==> flow/design.v <==
module sync_arith_stage (aclk, i_rst, in0, in1, do_sub, result, cy);
    parameter DW = 10;
    input aclk;
    input i_rst;
    input [DW-1:0] in0;
    input [DW-1:0] in1;
    input do_sub;
    output [DW-1:0] result;
    output cy;
    reg [DW-1:0] in0_reg;
    always @(posedge aclk) begin
        if (i_rst) begin
            in0_reg <= 0;
        end else begin
            in0_reg <= in0;
        end
    end
    reg [DW-1:0] in1_reg;
    always @(posedge aclk) begin
        if (i_rst) begin
            in1_reg <= 0;
        end else begin
            in1_reg <= in1;
        end
    end
    reg do_sub_reg;
    always @(posedge aclk) begin
        if (i_rst) begin
            do_sub_reg <= 1'b0;
        end else begin
            do_sub_reg <= do_sub;
        end
    end
    wire [DW-1:0] tmp;
    wire [DW:0] c;
    assign c[0] = do_sub_reg;
    genvar ii;
    generate
        for (ii = 0; ii < DW; ii = ii + 1) begin : u_g
            fadd unit (.a(in0_reg[ii]), .b(in1_reg[ii] ^ do_sub_reg), .ci(c[ii]), .s(tmp[ii]), .co(c[ii+1]));
        end
    endgenerate
    assign result = tmp;
    assign cy = c[DW];
endmodule
module fadd (
    input wire a,
    input wire b,
    input wire ci,
    output wire s,
    output wire co
);
    assign s = a ^ b ^ ci;
    assign co = (a & b) | (ci & (a ^ b));
endmodule
**Step by step through the tools: sync_arith_stage**

What the tools print for sync_arith_stage, step after step.
Line numbers count from 1 in the design file above.
Library cell names are shortened.
The mark - stands for no value.

- Top: sync_arith_stage
- Clock input: aclk
- Standard-cell library: sky130hd
- Timing corner: tt_025C_1v80

**Elaborated design**

Yosys after proc, flatten, opt, wreduce and memory -nomap, before mapping. Enables and synchronous resets that opt folds into registers are not counted as muxes. Memory bits, and registers merged into a memory's read port (data or address), are not among the register bits. Print and check cells are not counted. Equal cells are merged and count once.

- Bits in registers: 21
- Bits of input ports: 23
- Word-level cells: 63

- Bitwise gates (word level): 60

Operator list:

| kind | count |
|---|---|
| 1-bit XOR | 30 |
| 1-bit AND | 20 |
| 1-bit bitwise OR | 10 |

**Longest topological paths**

Longest topological path by Yosys (ltp), each cell counted once; first at word level (registers and memories cut), then after technology mapping (sequential cells cut; the memories' decode and read muxes count).

- Depth after elaboration: 22
- ABC_AREA: 1
- Gate-level depth with buffers: 15
- Gate-level depth less buffers: 13

**Mapped cells and area**

The flow's flattened synthesis, as Yosys stat reports it; memories are mapped. The netlist is that of the ABC_AREA named above (0 if unset); the other value can give another one.
Totals and module areas in this step are rounded.

- Mapped cells: 146
- Synthesis area: 1120 um^2
- Sequential part of the area: 420 um^2
- Mapped flip-flops: 21

Cell types:

| cell | count | total area (um^2) |
|---|---|---|
| dfxtp_1 | 21 | 420.403 |
| inv_1 | 49 | 183.926 |
| fa_1 | 9 | 180.173 |
| nand2_1 | 30 | 112.608 |
| buf_4 | 10 | 75.072 |
| nor2_1 | 17 | 63.811 |
| buf_6 | 3 | 33.782 |
| nor2_2 | 4 | 25.024 |
| nand2_2 | 2 | 12.512 |
| inv_8 | 1 | 11.261 |

**Path before layout**

Source: OpenSTA report_checks on the synthesized netlist (no wires, ideal clock, input and output delay 20% of the period each), path of least setup slack; recovery checks are left aside. Register names are those of the netlist, which keeps one name where synthesis merged equal registers.

- Kind: register to output
- Start: reg do_sub_reg
- End: out result[9]
- Period: 6.58 ns
- External output delay: 1.316 ns
- Launch time at the first pin: 0.000 ns
- Data arrival time: 4.230 ns
- Required time: 5.264 ns
- Slack: 1.034 ns
- Path delay: 4.230 ns
- Stages on the path: 16
- Buffers on the path: 2
- Synthesis period reached: 5.546 ns

"path delay" is the arrival time less input delay plus setup time.
A path that ends at an output port has no setup time.
"stages on the path": output pins that drive a net of the path, with the launching flip-flop's if there is one; two outputs of one cell count as two.
"synthesis period reached" = period - worst setup slack (recovery checks aside). The figure is calculated, with input and output delays left at 20% of the set period.
Between the ends stands the longest chain of elaborated cells between them, by number of cells; it is not shown to be the way that was timed. Of several equally long chains one is given.
Each line given opens the expression or statement behind the cell; cells for indexed reads and writes are added by Yosys, which also makes memories of some case tables.

- Cell sequence: dfxtp_1 > buf_6 > inv_8 > nand2_1 > nand2_1 > fa_1 > fa_1 > fa_1 > fa_1 > fa_1 > fa_1 > fa_1 > fa_1 > inv_1 > fa_1 > buf_4
- Cells in the longest elaborated chain: 21
- Elaborated cells between the ends (all ways): 48
- Classes of those cells: 48 x logic

Ends and longest elaborated chain, after synthesis:

| what | line | source |
|---|---|---|
| start: declaration | 26 | `reg do_sub_reg;` |
| start: assignment | 29 | `do_sub_reg <= 1'b0;` |
| start: assignment | 31 | `do_sub_reg <= do_sub;` |
| 1-bit XOR | 40 | `fadd unit (.a(in0_reg[ii]), .b(in1_reg[ii] ^ do_sub_reg), .ci(c[ii]), .s(tmp[ii]), .co(c[ii+1]));` |
| 1-bit XOR | 54 | `assign co = (a & b) \| (ci & (a ^ b));` |
| 1-bit AND | 54 |  |
| 1-bit bitwise OR | 54 |  |
| 1-bit AND | 54 |  |
| 1-bit bitwise OR | 54 |  |
| 1-bit AND | 54 |  |
| [... 7 more ...] | - |  |
| 1-bit AND | 54 |  |
| 1-bit bitwise OR | 54 |  |
| 1-bit AND | 54 |  |
| 1-bit bitwise OR | 54 |  |
| 1-bit AND | 54 |  |
| 1-bit bitwise OR | 54 |  |
| 1-bit XOR | 53 | `assign s = a ^ b ^ ci;` |
| end: declaration | 8 | `output [DW-1:0] result;` |

Nets of the timed path that keep an RTL name, with a line that drives or declares them; the list need not be complete.

Nets with RTL names, path after synthesis:

| net | line |
|---|---|
| u_g[9].unit.s | 53 |

**Worst path after layout**

From the final timing report of run 1: the path of least setup slack in the routed layout; clock arrival at registers is part of the times.

- Kind: register to output
- Start: reg do_sub_reg
- End: out result[9]
- Period: 7.34 ns
- External output delay: 1.47 ns
- Launch time at the first pin: 0.29 ns
- Data arrival time: 5.24 ns
- Required time: 5.87 ns
- Slack: 0.64 ns
- Stages on the path: 15
- Buffers on the path: 1

Between the ends stands the longest chain of elaborated cells between them, by number of cells; it is not shown to be the way that was timed. Of several equally long chains one is given.

- Cell sequence: dfxtp_1 > inv_8 > nand2_1 > nand2_1 > fa_1 > fa_1 > fa_1 > fa_1 > fa_1 > fa_1 > fa_1 > fa_1 > inv_1 > fa_1 > clkdlybuf4s50_1
- Cells in the longest elaborated chain: 21
- Elaborated cells between the ends (all ways): 48
- Classes of those cells: 48 x logic

Ends and longest elaborated chain, post-layout:

| what | line | source |
|---|---|---|
| start: declaration | 26 | `reg do_sub_reg;` |
| start: assignment | 29 | `do_sub_reg <= 1'b0;` |
| start: assignment | 31 | `do_sub_reg <= do_sub;` |
| 1-bit XOR | 40 | `fadd unit (.a(in0_reg[ii]), .b(in1_reg[ii] ^ do_sub_reg), .ci(c[ii]), .s(tmp[ii]), .co(c[ii+1]));` |
| 1-bit XOR | 54 | `assign co = (a & b) \| (ci & (a ^ b));` |
| 1-bit AND | 54 |  |
| 1-bit bitwise OR | 54 |  |
| 1-bit AND | 54 |  |
| 1-bit bitwise OR | 54 |  |
| 1-bit AND | 54 |  |
| [... 7 more ...] | - |  |
| 1-bit AND | 54 |  |
| 1-bit bitwise OR | 54 |  |
| 1-bit AND | 54 |  |
| 1-bit bitwise OR | 54 |  |
| 1-bit AND | 54 |  |
| 1-bit bitwise OR | 54 |  |
| 1-bit XOR | 53 | `assign s = a ^ b ^ ci;` |
| end: declaration | 8 | `output [DW-1:0] result;` |

Hand-over note for sync_arith_stage

Design sync_arith_stage on sky130hd. What follows are 3 stored runs of the flow, each under its own settings; their order means nothing. The constraints put input and output delay at 20% of the set period each and load the outputs with 0.01 pF.
By "achieved clock period" is meant the clock period of the run minus its worst setup slack. This is arithmetic on one report: input and output delays are still those of the set period (20% each).
The measured numbers are rounded.
A setting shown as - is not set for that run.

| item | run 1 | run 2 | run 3 |
|---|---|---|---|
| period_ns | 7.34 | 7.43 | 6.58 |
| CORE_UTILIZATION | 40 | 35 | 40 |
| PLACE_DENSITY_LB_ADDON | 0.29 | 0.1 | - |
| CORE_MARGIN | 7 | 2 | 2 |
| CELL_PAD_IN_SITES_GLOBAL_PLACEMENT | 1 | 3 | - |
| ABC_AREA | 1 | - | - |
| CTS_CLUSTER_SIZE | 55 | 19 | - |
| MIN_ROUTING_LAYER | met1 | met2 | - |
| MAX_ROUTING_LAYER | met4 | met4 | - |
| CAP_MARGIN | 20 | 20 | 20 |
| SLEW_MARGIN | 20 | 20 | 20 |
| SETUP_SLACK_MARGIN | - | 2.22 | - |
| GPL_TIMING_DRIVEN | - | 1 | - |
| GPL_ROUTABILITY_DRIVEN | - | 0 | - |
| utilization (%) | 51.8 | 48.3 | 54.0 |
| cell area after synthesis (um^2) | 1120 | 997 | 997 |
| achieved clock period (ns) | 6.704 | 5.711 | 6.188 |
| standard-cell area after routing (um^2) | 1410 | 1320 | 1300 |
| full die area (um^2) | 4470 | 3290 | 2910 |
| worst slack on setup checks (ns) | 0.636 | 1.72 | 0.392 |

End of note.
